==> flow/design.v <==
module alu_plus_stage #(
   parameter int DW = 28
) (
   input logic core_clk,
   input logic RSTN,
   input logic [DW-1:0] u,
   input logic [DW-1:0] v,
   input logic carry_in,
   output logic [DW-1:0] q,
   output logic ovf
);
   logic [DW-1:0] u_reg;
   logic [DW-1:0] v_reg;
   logic carry_in_reg;
   always_ff @(posedge core_clk) begin
      if (!RSTN) begin
         u_reg <= '0;
         v_reg <= '0;
         carry_in_reg <= 1'b0;
      end else begin
         u_reg <= u;
         v_reg <= v;
         carry_in_reg <= carry_in;
      end
   end
   localparam int NB = DW / 4;
   logic [DW-1:0] nxt;
   logic [NB:0] chain;
   assign chain[0] = carry_in_reg;
   for (genvar k = 0; k < NB; k++) begin : u_g
      alu_plus_stage_cla4 el (.a(u_reg[4*k +: 4]), .b(v_reg[4*k +: 4]), .ci(chain[k]), .s(nxt[4*k +: 4]), .co(chain[k+1]));
   end
   assign q = nxt;
   assign ovf = chain[NB];
endmodule
module alu_plus_stage_cla4 (
   input logic [3:0] a,
   input logic [3:0] b,
   input logic ci,
   output logic [3:0] s,
   output logic co
);
   wire [3:0] g = a & b;
   wire [3:0] p = a ^ b;
   wire c1 = g[0] | (p[0] & ci);
   wire c2 = g[1] | (p[1] & g[0]) | (p[1] & p[0] & ci);
   wire c3 = g[2] | (p[2] & g[1]) | (p[2] & p[1] & g[0]) | (p[2] & p[1] & p[0] & ci);
   assign co = g[3] | (p[3] & g[2]) | (p[3] & p[2] & g[1]) | (p[3] & p[2] & p[1] & g[0]) | (&p & ci);
   assign s = p ^ {c3, c2, c1, ci};
endmodule
# Reports on alu_plus_stage
# Module alu_plus_stage in several versions that differ in "DW"; each step lists the members.
# The file above is the member DW = 28. Line numbers count from 1 in each member's own file.
# Library cell names are shortened.
# A cell with n/a has no value.
[inputs]
top = "alu_plus_stage"
clk_port = "core_clk"
library = "sky130hd"
corner = "tt_025C_1v80"

# Members of the sweep
# Lines of each other member's file that are new or changed against the file above; lines that a member lacks are not shown.
[changed_lines]
columns = ["DW", "line_no", "text"]
rows = [
  [64, 2, "parameter int DW = 64"],
  [112, 2, "parameter int DW = 112"],
  [128, 2, "parameter int DW = 128"],
]

# Elaborated design
# Counts by Yosys on the flattened word-level netlist (proc, flatten, opt, wreduce; memories kept). Register bits leave out memories and registers merged into their read ports (data or address); mux counts leave out enables and synchronous resets folded into registers. Print and check cells are left out. Cells with the same type and inputs are merged into one.
[word_totals]
columns = ["DW", "ff_bits", "latch_bits", "ram_bits", "romBits", "clocked_rd_ports_x_width", "n_memories", "input_bits", "out_inout_bits", "word_cells"]
rows = [
  [28, 57, 0, 0, 0, 0, 0, 59, 29, 206],
  [64, 129, 0, 0, 0, 0, 0, 131, 65, 467],
  [112, 225, 0, 0, 0, 0, 0, 227, 113, 815],
  [128, 257, 0, 0, 0, 0, 0, 259, 129, 931],
]
[classes]
columns = ["DW", "add_sub_neg", "multipliers", "div", "compare", "n_eq", "n_shift", "muxes", "bitwise", "reduce_logical"]
rows = [
  [28, 0, 0, 0, 0, 0, 0, 0, 196, 7],
  [64, 0, 0, 0, 0, 0, 0, 0, 448, 16],
  [112, 0, 0, 0, 0, 0, 0, 0, 784, 28],
  [128, 0, 0, 0, 0, 0, 0, 0, 896, 32],
]
[ops]
columns = ["DW", "operators"]
rows = [
  [28, "105 x 1-bit bitwise AND; 70 x 1-bit bitwise OR; 14 x 4-bit XOR; 7 x 4-bit bitwise AND; 7 x 4-bit AND reduction"],
  [64, "240 x 1-bit bitwise AND; 160 x 1-bit bitwise OR; 32 x 4-bit XOR; 16 x 4-bit bitwise AND; 16 x 4-bit AND reduction"],
  [112, "420 x 1-bit bitwise AND; 280 x 1-bit bitwise OR; 56 x 4-bit XOR; 28 x 4-bit bitwise AND; 28 x 4-bit AND reduction"],
  [128, "480 x 1-bit bitwise AND; 320 x 1-bit bitwise OR; 64 x 4-bit XOR; 32 x 4-bit bitwise AND; 32 x 4-bit AND reduction"],
]

# Depth
# Longest topological path by Yosys (ltp), each cell counted once; first at word level (registers and memories cut), then after technology mapping (sequential cells cut; the memories' decode and read muxes count).
[logic_depth]
columns = ["DW", "depth_word", "ABC_AREA", "mapped_depth"]
rows = [
  [28, 19, 0, 11],
  [64, 37, 0, 11],
  [112, 61, 0, 14],
  [128, 69, 0, 14],
]

# Mapped cells and area
# The flow's flattened synthesis, as Yosys stat reports it; memories are mapped. The netlist is that of the ABC_AREA named above (0 if unset); the other value can give another one.
# The area totals of this step are shown rounded.
[by_type]
columns = ["DW", "type_list"]
rows = [
  [28, "57 x dfxtp_1; 57 x and2_1; 28 x ha_1; 7 x fa_1; 12 x xor2_1; 16 x a21oi_1; 7 x xnor2_1; 13 x nand2_1; 9 x inv_1; 7 x nor2_1; 5 x nand3_1; 6 x clkbuf_1; 3 x o21a_1; 1 x a31oi_4; 4 x o21ai_0; 3 x nand2b_1; 2 x a21o_1; 2 x o211ai_1; [+23]"],
  [64, "129 x dfxtp_1; 129 x and2_1; 64 x ha_1; 16 x fa_1; 25 x xnor2_1; 21 x xor2_1; 34 x a21oi_1; 18 x a21o_1; 24 x nor2_1; 17 x o21ai_0; 19 x nand2_1; 18 x inv_1; 9 x o21bai_1; 10 x nand4_1; 14 x clkbuf_1; 8 x nor3_1; 5 x a211oi_1; 1 x a221oi_4; [+38]"],
  [112, "225 x dfxtp_1; 226 x and2_1; 112 x ha_1; 28 x fa_1; 73 x a21oi_1; 41 x xor2_1; 28 x xnor2_1; 29 x a21o_1; 50 x nand2_1; 35 x nor2_1; 26 x o21ai_0; 17 x nand4_1; 28 x inv_1; 13 x o21a_1; 25 x clkbuf_1; 12 x o21bai_1; 17 x nand3_1; 16 x nor3_1; [+108]"],
  [128, "257 x dfxtp_1; 262 x and2_1; 128 x ha_1; 32 x fa_1; 46 x xor2_1; 49 x a21o_1; 66 x a21oi_1; 37 x xnor2_1; 50 x nand2_1; 40 x inv_1; 39 x nor2_1; 23 x o21ai_0; 15 x o21a_1; 28 x clkbuf_1; 12 x o21bai_1; 13 x nand4_1; 16 x nor3_1; 11 x nor2b_1; [+132]"],
]
# A list marked [+n] leaves out that many cells.
[mapped]
columns = ["DW", "cell_count", "yosys_area_mm2", "seq_area_mm2", "flip_flops", "buf_cells"]
rows = [
  [28, 262, 0.00268, 0.00114, 57, 6],
  [64, 599, 0.00614, 0.00258, 129, 14],
  [112, 1109, 0.0111, 0.0045, 225, 26],
  [128, 1256, 0.0127, 0.00514, 257, 28],
]
# By module: a second synthesis without flattening, with its own total; a netlist apart from the flattened one above.
[hier_totals]
columns = ["DW", "cells_unflattened", "area_unflattened_mm2"]
rows = [
  [28, 239, 0.00259],
  [64, 544, 0.0059],
  [112, 950, 0.0102],
  [128, 1086, 0.0116],
]

# Timing after synthesis
# Path of least setup slack by OpenSTA after synthesis, without wires, with an ideal clock, recovery checks aside; 20% of the period is set as input and as output delay. Where synthesis merged equal registers, the netlist keeps one of their names.
[synth_path]
columns = ["DW", "kind", "start", "end", "clock_period_ps", "path_slack_ps", "stages", "delay_ps", "period_less_setup_slack_ps"]
rows = [
  [28, "reg-to-output", "register v_reg[0]", "output port q[25]", 4070, 654, 11, 2602, 3416],
  [64, "reg-to-output", "register v_reg[33]", "output port q[61]", 4250, 679, 11, 2721, 3571],
  [112, "reg-to-output", "register v_reg[0]", "output port q[41]", 5000, 798, 13, 3202, 4202],
  [128, "reg-to-output", "register v_reg[0]", "output port q[53]", 5150, 825, 14, 3295, 4325],
]
# "delay_ps" is the arrival time less input delay plus setup time.
# At an output port there is no setup time.
# "stages": output pins that drive a net of the path, with the launching flip-flop's if there is one; two outputs of one cell count as two.
# "period_less_setup_slack_ps" is the clock period less the worst setup slack; recovery checks do not enter. This is arithmetic on one report: input and output delays are still those of the set period (20% each).
# The rows between start and end are the longest chain of elaborated cells between them; the timing report does not say that the signal goes this way. Where chains are equally long, one stands for them.
# Each line given opens the expression or statement behind the cell; cells for indexed reads and writes are added by Yosys, which also makes memories of some case tables.
[synth_via_DW_28]
elab_chain_cells = 17
[synth_lines_DW_28]
columns = ["element", "line_no", "text"]
rows = [
  ["start: declaration", 13, "logic [DW-1:0] v_reg;"],
  ["start: assignment", 18, "v_reg <= '0;"],
  ["start: assignment", 22, "v_reg <= v;"],
  ["4-bit bitwise AND", 43, "wire [3:0] g = a & b;"],
  ["1-bit bitwise AND", 48, "assign co = g[3] | (p[3] & g[2]) | (p[3] & p[2] & g[1]) | (p[3] & p[2] & p[1] & g[0]) | (&p & ci);"],
  ["1-bit bitwise OR (2 in a row)", 48, ""],
  ["1-bit bitwise AND", 48, ""],
  ["1-bit bitwise OR", 48, ""],
  ["1-bit bitwise AND", 48, ""],
  ["1-bit bitwise OR", 48, ""],
  ["[2 not listed]", "n/a", ""],
  ["1-bit bitwise AND", 48, ""],
  ["1-bit bitwise OR", 48, ""],
  ["1-bit bitwise AND", 48, ""],
  ["1-bit bitwise OR", 48, ""],
  ["1-bit bitwise AND", 45, "wire c1 = g[0] | (p[0] & ci);"],
  ["1-bit bitwise OR", 45, ""],
  ["4-bit XOR", 49, "assign s = p ^ {c3, c2, c1, ci};"],
  ["end: declaration", 9, "output logic [DW-1:0] q,"],
]
[synth_via_DW_128]
elab_chain_cells = 31
[synth_lines_DW_128]
columns = ["element", "line_no", "text"]
rows = [
  ["start: declaration", 13, "logic [DW-1:0] v_reg;"],
  ["start: assignment", 18, "v_reg <= '0;"],
  ["start: assignment", 22, "v_reg <= v;"],
  ["4-bit bitwise AND", 43, "wire [3:0] g = a & b;"],
  ["1-bit bitwise AND", 48, "assign co = g[3] | (p[3] & g[2]) | (p[3] & p[2] & g[1]) | (p[3] & p[2] & p[1] & g[0]) | (&p & ci);"],
  ["1-bit bitwise OR (2 in a row)", 48, ""],
  ["1-bit bitwise AND", 48, ""],
  ["1-bit bitwise OR", 48, ""],
  ["1-bit bitwise AND", 48, ""],
  ["1-bit bitwise OR", 48, ""],
  ["[16 not listed]", "n/a", ""],
  ["1-bit bitwise AND", 48, ""],
  ["1-bit bitwise OR", 48, ""],
  ["1-bit bitwise AND", 48, ""],
  ["1-bit bitwise OR", 48, ""],
  ["1-bit bitwise AND", 45, "wire c1 = g[0] | (p[0] & ci);"],
  ["1-bit bitwise OR", 45, ""],
  ["4-bit XOR", 49, "assign s = p ^ {c3, c2, c1, ci};"],
  ["end: declaration", 9, "output logic [DW-1:0] q,"],
]

# Path in the finished layout
# Path of least setup slack in the final report of the run of each member (OpenROAD, finished layout, wires in). Where an end is a register, its clock arrival counts in the times.
# The path's times are printed in steps of 10 ps; the period is the one set.
[layout_path]
columns = ["DW", "kind", "start", "end", "clock_period_ps", "path_slack_ps", "stages", "arrival_ps"]
rows = [
  [28, "reg-to-output", "register v_reg[0]", "output port q[6]", 4070, 50, 18, 3200],
  [64, "reg-to-output", "register u_reg[33]", "output port q[60]", 4250, -10, 13, 3410],
  [112, "reg-to-output", "register v_reg[37]", "output port q[109]", 5000, 70, 15, 3930],
  [128, "reg-to-output", "register u_reg[0]", "output port q[112]", 5150, -10, 16, 4130],
]

# Measured runs
# One run of the flow (Yosys, OpenROAD) for each member, with settings and measured results. Input and output delays are each 20% of the period that was set; the output load is 0.01 pF.
[flow_settings]
CAP_MARGIN = 20
CORE_MARGIN = 2
CORE_UTILIZATION = 40
SLEW_MARGIN = 20
[settings_diff]
columns = ["DW", "period_ns"]
rows = [
  [28, 4.07],
  [64, 4.25],
  [112, 5.0],
  [128, 5.15],
]
[results]
columns = ["DW", "post_synth_area_mm2", "design_die_area_mm2", "final_cell_area_mm2", "fin_ws_ps", "final_setup_tns_ps", "worst_hold_slack_ps", "totalPower_mw"]
rows = [
  [28, 0.00268, 0.00738, 0.0041, 52, 0, 1060, 1.52],
  [64, 0.00614, 0.0164, 0.00926, -14, -27, 955, 3.42],
  [112, 0.0111, 0.029, 0.0163, 74, 0, 1060, 4.82],
  [128, 0.0127, 0.0333, 0.019, -6, -6, 1030, 5.48],
]
# "totalPower_mw" rests on the timing tool's default activity at the inputs, not on a simulated workload.
# Results are given in rounded form.
